==> flow/design.v <==
module mplex #(
  parameter int DWIDTH = 10,
  parameter int NUM = 8,
  parameter int SW = $clog2(NUM)
) (
  input logic CLK,
  input logic [NUM*DWIDTH-1:0] i_val,
  input logic [SW-1:0] i_pick,
  output logic [DWIDTH-1:0] o_y
);
  logic [NUM*DWIDTH-1:0] r_val;
  always_ff @(posedge CLK) begin
    r_val <= i_val;
  end
  logic [SW-1:0] r_pick;
  always_ff @(posedge CLK) begin
    r_pick <= i_pick;
  end
  wire [DWIDTH-1:0] n_ [1:2*NUM-1];
  generate
    for (genvar ii = 0; ii < NUM; ii++) begin : each
      assign n_[NUM+ii] = r_val[ii*DWIDTH +: DWIDTH];
    end
    for (genvar ii = 1; ii < NUM; ii++) begin : blk
      assign n_[ii] = r_pick[SW - $clog2(ii+1)] ? n_[2*ii+1] : n_[2*ii];
    end
  endgenerate
  logic [DWIDTH-1:0] r_y;
  always_ff @(posedge CLK) begin
    r_y <= n_[1];
  end
  assign o_y = r_y;
endmodule
* Tool chain data of mplex
The steps from the RTL of mplex to its reports follow in flow order.
Line numbers count from 1 in the design file above.
Not given: --
- Top module :: mplex
- Clock input :: CLK
- Cell library :: sky130hd
- Timing corner :: tt_025C_1v80

* Elaborated design
Source: Yosys, flattened and elaborated. Widths are those after wreduce; folded enables and synchronous resets count as part of the registers. Registers that Yosys merges into a memory's read port (data or address) are not register bits. Print and check cells do not count. Equal cells are merged and count once.
- Elaborated cells :: 10
- Output and inout port bits :: 10
- Input port bits :: 84
- Register bits :: 93
- Muxes and demuxes :: 7
** Operators with widths (count)
- 2-to-1 mux 10 bit :: 7

* Logic depth
Longest topological path by Yosys (ltp), each cell counted once; first at word level (registers and memories cut), then after technology mapping (sequential cells cut; the memories' decode and read muxes count).
- Word-level depth :: 3
- ABC_AREA :: 0
- Depth in mapped cells :: 3

* Mapped cells and area
Source: synth_stat.txt of the flow (Yosys; design flattened, memories mapped). It holds for the ABC_AREA given above (unset counts as 0); a run with the other value may have another netlist.
** Cell types (count)
- sky130_fd_sc_hd__dfxtp_1 :: 93
- sky130_fd_sc_hd__mux4_1 :: 20
- sky130_fd_sc_hd__mux2_2 :: 10
- sky130_fd_sc_hd__buf_6 :: 2
- sky130_fd_sc_hd__clkbuf_1 :: 2
- sky130_fd_sc_hd__buf_1 :: 1
- Flip-flops :: 93
- Standard cells after synthesis :: 128
- Buffer cells :: 5
- Mapped area :: 2533.7 µm²
- Area of sequential cells :: 1861.8 µm²

* Worst setup path after synthesis
OpenSTA on the mapped netlist: ideal clock, no wires. The path of least setup slack (recovery checks aside). Input and output delay are each 20% of the period. Register names are those of the netlist, which keeps one name where synthesis merged equal registers.
- Path type :: register to register
- From :: register r_pick[0]
- To :: register r_y[0]
- Library setup time :: 121 ps
- Slack :: 353 ps
- Arrival :: 1276 ps
- Path buffers :: 1
- Period :: 1750 ps
- Delay of the path :: 1397 ps
- Stages on the path :: 4
- Data required time :: 1629 ps
- Period reached after synthesis :: 1397 ps
"delay of the path" is the arrival time less input delay plus setup time.
"stages on the path": output pins that drive a net of the path, with the launching flip-flop's if there is one; two outputs of one cell count as two.
"period reached after synthesis" is the clock period less the worst setup slack; recovery checks do not enter. This is arithmetic on one report: input and output delays are still those of the set period (20% each).
The rows between start and end are the longest chain of elaborated cells between them; the timing report does not say that the signal goes this way. Where chains are equally long, one stands for them.
Each line given opens the expression or statement behind the cell; cells for indexed reads and writes are added by Yosys, which also makes memories of some case tables.
- Cell sequence :: sky130_fd_sc_hd__dfxtp_1 sky130_fd_sc_hd__buf_6 sky130_fd_sc_hd__mux4_1 sky130_fd_sc_hd__mux2_2
- Length of the longest elaborated chain :: 3
- Elaborated cells between the ends (all ways) :: 7
- Source lines of those cells :: 1
- Those cells by class :: mux (7)
** RTL lines, path post-synthesis
- start, declared :: line 15 : logic [SW-1:0] r_pick;
- start, assigned :: line 17 : r_pick <= i_pick;
- 2-to-1 mux 10 bit (3 in a row) :: line 25 : assign n_[ii] = r_pick[SW - $clog2(ii+1)] ? n_[2*ii+1] : n_[2*ii];
- end, assigned :: line 30 : r_y <= n_[1];
- end, declared :: line 28 : logic [DWIDTH-1:0] r_y;

* Worst path after layout
From the final timing report of flow run B: the path of least setup slack in the routed layout; clock arrival at registers is part of the times.
The report prints the path's times to 10 ps; the period is as set.
- Path type :: register to register
- From :: register r_pick[0]
- To :: register r_y[5]
- Data required time :: 1520 ps
- Stages on the path :: 4
- Period :: 1290 ps
- Arrival :: 1640 ps
- Path buffers :: 1
- Library setup time :: 110 ps
- Slack :: -130 ps
The rows between start and end are the longest chain of elaborated cells between them; the timing report does not say that the signal goes this way. Where chains are equally long, one stands for them.
- Cell sequence :: sky130_fd_sc_hd__dfxtp_4 sky130_fd_sc_hd__buf_12 sky130_fd_sc_hd__mux4_2 sky130_fd_sc_hd__mux2_4
- Length of the longest elaborated chain :: 3
- Elaborated cells between the ends (all ways) :: 7
- Source lines of those cells :: 1
- Those cells by class :: mux (7)
** RTL lines, path after layout
- start, declared :: line 15 : logic [SW-1:0] r_pick;
- start, assigned :: line 17 : r_pick <= i_pick;
- 2-to-1 mux 10 bit (3 in a row) :: line 25 : assign n_[ii] = r_pick[SW - $clog2(ii+1)] ? n_[2*ii+1] : n_[2*ii];
- end, assigned :: line 30 : r_y <= n_[1];
- end, declared :: line 28 : logic [DWIDTH-1:0] r_y;

Hand-over note for mplex

Module mplex, platform sky130hd: 3 stored runs of the flow (Yosys, OpenROAD) with differing settings, in no particular order. Input and output delays are each 20% of the period that was set; the output load is 0.01 pF.
"reached clock period" = clock period - worst setup slack. The figure is calculated, with input and output delays left at 20% of the set period.
"total power of the final layout" is the tool's figure for a default switching activity; nothing was simulated.

** Flow run A
- Settings :: period_ns=2.09; CORE_UTILIZATION=71; SETUP_SLACK_MARGIN=-0.05; PLACE_DENSITY_LB_ADDON=0.25; GPL_TIMING_DRIVEN=1; SLEW_MARGIN=10; CAP_MARGIN=20; CORE_MARGIN=2
- Outcome :: incomplete, placement halted on FLW-0024

** Flow run B
- Settings :: period_ns=1.29; CORE_UTILIZATION=15; PLACE_DENSITY_LB_ADDON=0.05; TNS_END_PERCENT=85; CTS_CLUSTER_SIZE=26; CTS_CLUSTER_DIAMETER=38; SLEW_MARGIN=20; MAX_ROUTING_LAYER=met5; CAP_MARGIN=20; CORE_MARGIN=2
- Chip area in the Yosys report :: 2533.7 µm²
- Die outline area :: 17946.6 µm²
- Utilization of the finished layout :: 24.6 %
- Lowest setup slack :: -127 ps
- Total power of the final layout :: 6630 µW
- Reached clock period :: 1417 ps

** Flow run C
- Settings :: period_ns=1.75; CAP_MARGIN=20; CORE_MARGIN=2; CORE_UTILIZATION=40; SLEW_MARGIN=20
- Chip area in the Yosys report :: 2533.7 µm²
- Die outline area :: 6986.4 µm²
- Utilization of the finished layout :: 62.2 %
- Lowest setup slack :: 142 ps
- Total power of the final layout :: 4028 µW
- Reached clock period :: 1608 ps

End of note.
